==> flow/design.v <==
module core_mplex_mod (CLK, rst_i, valid, ch0_in, ch1_in, ch2_in, ch3_in, ch4_in, ch5_in, ch6_in, ch7_in, ch8_in, ch9_in, ch10_in, ch11_in, select_in, out_out);
  parameter integer XLEN = 20;
  input CLK;
  input rst_i;
  input valid;
  input [XLEN-1:0] ch0_in;
  input [XLEN-1:0] ch1_in;
  input [XLEN-1:0] ch2_in;
  input [XLEN-1:0] ch3_in;
  input [XLEN-1:0] ch4_in;
  input [XLEN-1:0] ch5_in;
  input [XLEN-1:0] ch6_in;
  input [XLEN-1:0] ch7_in;
  input [XLEN-1:0] ch8_in;
  input [XLEN-1:0] ch9_in;
  input [XLEN-1:0] ch10_in;
  input [XLEN-1:0] ch11_in;
  input [3:0] select_in;
  output [XLEN-1:0] out_out;
  reg [XLEN-1:0] ch0_q;
  reg [XLEN-1:0] ch1_q;
  reg [XLEN-1:0] ch2_q;
  reg [XLEN-1:0] ch3_q;
  reg [XLEN-1:0] ch4_q;
  reg [XLEN-1:0] ch5_q;
  reg [XLEN-1:0] ch6_q;
  reg [XLEN-1:0] ch7_q;
  reg [XLEN-1:0] ch8_q;
  reg [XLEN-1:0] ch9_q;
  reg [XLEN-1:0] ch10_q;
  reg [XLEN-1:0] ch11_q;
  reg [3:0] select_q;
  reg [XLEN-1:0] t;
  always @* begin
    case (select_q)
      0: t = ch0_q;
      1: t = ch1_q;
      2: t = ch2_q;
      3: t = ch3_q;
      4: t = ch4_q;
      5: t = ch5_q;
      6: t = ch6_q;
      7: t = ch7_q;
      8: t = ch8_q;
      9: t = ch9_q;
      10: t = ch10_q;
      default: t = ch11_q;
    endcase
  end
  assign out_out = t;
  always @(posedge CLK) begin
    if (rst_i) begin
      ch0_q <= 0;
      ch1_q <= 0;
      ch2_q <= 0;
      ch3_q <= 0;
      ch4_q <= 0;
      ch5_q <= 0;
      ch6_q <= 0;
      ch7_q <= 0;
      ch8_q <= 0;
      ch9_q <= 0;
      ch10_q <= 0;
      ch11_q <= 0;
      select_q <= 0;
    end else if (valid) begin
      ch0_q <= ch0_in;
      ch1_q <= ch1_in;
      ch2_q <= ch2_in;
      ch3_q <= ch3_in;
      ch4_q <= ch4_in;
      ch5_q <= ch5_in;
      ch6_q <= ch6_in;
      ch7_q <= ch7_in;
      ch8_q <= ch8_in;
      ch9_q <= ch9_in;
      ch10_q <= ch10_in;
      ch11_q <= ch11_in;
      select_q <= select_in;
    end
  end
endmodule
* Reports on core_mplex_mod *
The steps from the RTL of core_mplex_mod to its reports follow in flow order.
Line numbers count from 1 in the design file above.
Library cell names are shortened.
A cell with n/a has no value.

set-up
  design top = core_mplex_mod
  clock input = CLK
  standard-cell library = sky130hd
  corner = tt_025C_1v80

* Word-level counts *
Counts by Yosys on the flattened word-level netlist (proc, flatten, opt, wreduce; memories kept). Register bits leave out memories and registers merged into their read ports (data or address); mux counts leave out enables and synchronous resets folded into registers. Print and check cells are left out. Cells with the same type and inputs are merged into one.

word-level totals
  cells after elaboration = 25
  output and inout bits = 20
  input port bits = 247
  flip-flop bits (word level) = 244

operators by class
  mux-type cells = 1
  eq/ne operators = 10
  reduce/logical cells = 1

operator list
  kind                                                              number
  20-bit parallel mux with 11-bit select                            1
  4-bit by 3-bit == test with 1-bit output (second input constant)  4
  4-bit == test (second input constant)                             3
  4-bit by 2-bit == test with 1-bit output (second input constant)  2
  4-bit by 1-bit == test with 1-bit output (second input constant)  1
  4-bit zero test                                                   1

* Depth *
Depth = most cells in a row (Yosys ltp): at word level without a register or memory, in the mapped netlist without a sequential cell, where the memories' decode and read muxes count.

logic depth
  depth in word-level cells = 2
  ABC_AREA = 0
  gate-level depth with buffers = 8
  gate-level depth less buffers = 4

* After synthesis *
Yosys stat after the flow's synthesis: flattened, memories mapped to cells. It holds for the ABC_AREA given above (unset counts as 0); a run with the other value may have another netlist.

cell types
  cell      number  total area (um2)
  dfxtp_1   244     4.88E+03
  mux2i_1   264     2.64E+03
  nor2_1    265     994.704
  buf_2     45      225.216
  a22oi_1   28      210.202
  mux2_2    15      168.912
  clkbuf_1  32      120.115
  o32a_1    10      100.096
  a22o_1    10      87.584
  a21oi_1   16      80.077
  o21ai_0   16      80.077
  a221oi_1  9       78.826
  nor2b_1   11      68.816
  buf_6     6       67.565
  a32oi_1   7       61.309
  nand2_1   15      56.304
  o22ai_1   9       56.304
  o21a_1    7       52.55

Not listed: further types 44, cells in them 106.

synthesis totals
  mapped area = 10831.6 um2
  buffers = 90
  flip-flop cells = 244
  standard cells after synthesis = 1115
  sequential area = 4884.7 um2

* Path before layout *
Source: OpenSTA report_checks on the synthesized netlist (no wires, ideal clock, input and output delay 20% of the period each), path of least setup slack; recovery checks are left aside. Register names are those of the netlist, which keeps one name where synthesis merged equal registers.

path after synthesis
  path type = register -> output
  start = reg select_q[0]
  end = out out_out[4]
  period = 2.28 ns
  external output delay = 0.456 ns
  data required time = 1.824 ns
  setup slack = 0.363 ns
  delay of the path = 1.461 ns
  time at the first pin = 0.000 ns
  arrival = 1.461 ns
  path buffers = 2
  driving pins on the path = 7
  synthesis period reached = 1.917 ns

"delay of the path" = arrival - input delay + setup time.
A path that ends at an output port has no setup time.
"driving pins on the path" counts driving pins, that of a launching flip-flop among them; a cell with two outputs on the path counts twice.
"synthesis period reached" = period - worst setup slack (recovery checks aside). The figure is calculated, with input and output delays left at 20% of the set period.
Between the ends stands the longest chain of elaborated cells between them, by number of cells; it is not shown to be the way that was timed. Of several equally long chains one is given.
A line is the first line of the expression or statement that the cell stems from. Yosys adds cells for indexed reads and writes and turns some case tables into memories.

on the way, after synthesis
  cells stage by stage = dfxtp_1 > buf_6 > buf_6 > mux2_4 > a22oi_2 > o22ai_1 > o32a_1
  cells in the longest elaborated chain = 2
  elaborated cells between the ends (all ways) = 12
  source lines of those cells = 1
  those cells by class = eq/ne: 10; mux: 1; reduce/logical: 1

ends and longest elaborated chain, after synthesis
  element                                 RTL line  source
  start: declaration                      32        reg [3:0] select_q;
  start: assignment                       65        select_q <= 0;
  start: assignment                       79        select_q <= select_in;
  4-bit == test                           35        case (select_q)
  20-bit parallel mux with 11-bit select  35
  end: declaration                        19        output [XLEN-1:0] out_out;

* Timing after layout *
From the final timing report of flow run A: the path of least setup slack in the routed layout; clock arrival at registers is part of the times.

path after layout
  path type = register -> output
  start = reg select_q[0]
  end = out out_out[13]
  driving pins on the path = 9
  arrival = 2.39 ns
  data required time = 1.56 ns
  external output delay = 0.39 ns
  time at the first pin = 0.52 ns
  period = 1.95 ns
  path buffers = 4
  setup slack = -0.83 ns

Between the ends stands the longest chain of elaborated cells between them, by number of cells; it is not shown to be the way that was timed. Of several equally long chains one is given.

on the way, after layout
  cells stage by stage = dfxtp_4 > buf_8 > buf_6 > and3b_4 > buf_6 > a221oi_4 > o21ai_1 > o32a_1 > buf_2
  cells in the longest elaborated chain = 2
  elaborated cells between the ends (all ways) = 12
  source lines of those cells = 1
  those cells by class = eq/ne: 10; mux: 1; reduce/logical: 1

ends and longest elaborated chain, after layout
  element                                 RTL line  source
  start: declaration                      32        reg [3:0] select_q;
  start: assignment                       65        select_q <= 0;
  start: assignment                       79        select_q <= select_in;
  4-bit == test                           35        case (select_q)
  20-bit parallel mux with 11-bit select  35
  end: declaration                        19        output [XLEN-1:0] out_out;

# Flow runs of core_mplex_mod

core_mplex_mod through Yosys and OpenROAD on sky130hd: 3 stored runs, unordered, with their settings and measured results. The constraints put input and output delay at 20% of the set period each and load the outputs with 0.01 pF.
"achieved clock period (ns)" means the clock period less the worst setup slack. The figure is calculated, with input and output delays left at 20% of the set period.
"worst setup path time (ns)" = time allowed to the worst setup path (clock period - input delay - output delay, where it has them) - its slack; a late launch clock adds to it, a late capture clock takes from it.
"finish__power__total" is the tool's figure for a default switching activity; nothing was simulated.

settings of flow run A
{
  "period_ns": 1.95,
  "CORE_UTILIZATION": 40,
  "HOLD_SLACK_MARGIN": 0.27,
  "CORE_ASPECT_RATIO": 1.3,
  "CELL_PAD_IN_SITES_DETAIL_PLACEMENT": 0,
  "TNS_END_PERCENT": 100,
  "CAP_MARGIN": 30,
  "SLEW_MARGIN": 20,
  "MAX_ROUTING_LAYER": "met5",
  "CORE_MARGIN": 2
}
report of flow run A
yosys chip area after synthesis (um^2): 10831.6
finish__design__die__area: 28422.8
finish__design__instance__area__stdcell: 17138.9
finish__design__instance__utilization: 0.6436
finish__timing__setup__ws: -0.828
finish__timing__setup__tns: -15.157
finish__timing__hold__ws: 0.471
finish__power__total: 1.344e-02
achieved clock period (ns): 2.778
worst setup path time (ns): 2.39
worst setup path kind: register -> output

settings of flow run B
{
  "period_ns": 1.96,
  "CORE_UTILIZATION": 68,
  "SETUP_SLACK_MARGIN": 0.49,
  "PLACE_DENSITY_LB_ADDON": 0.13,
  "HOLD_SLACK_MARGIN": 0.15,
  "CORE_MARGIN": 10,
  "CELL_PAD_IN_SITES_GLOBAL_PLACEMENT": 0,
  "CELL_PAD_IN_SITES_DETAIL_PLACEMENT": 0,
  "CTS_CLUSTER_SIZE": 45,
  "SLEW_MARGIN": 35,
  "MIN_ROUTING_LAYER": "met2",
  "MAX_ROUTING_LAYER": "met5",
  "CAP_MARGIN": 20
}
report of flow run B: did not finish, cts, DPL-0038

settings of flow run C
{
  "period_ns": 2.28,
  "CAP_MARGIN": 20,
  "CORE_MARGIN": 2,
  "CORE_UTILIZATION": 40,
  "SLEW_MARGIN": 20
}
report of flow run C
yosys chip area after synthesis (um^2): 10831.6
finish__design__die__area: 28410.8
finish__design__instance__area__stdcell: 16473.3
finish__design__instance__utilization: 0.6147
finish__timing__setup__ws: -0.574
finish__timing__setup__tns: -9.284
finish__timing__hold__ws: 0.330
finish__power__total: 1.113e-02
achieved clock period (ns): 2.854
worst setup path time (ns): 2.40
worst setup path kind: register -> output
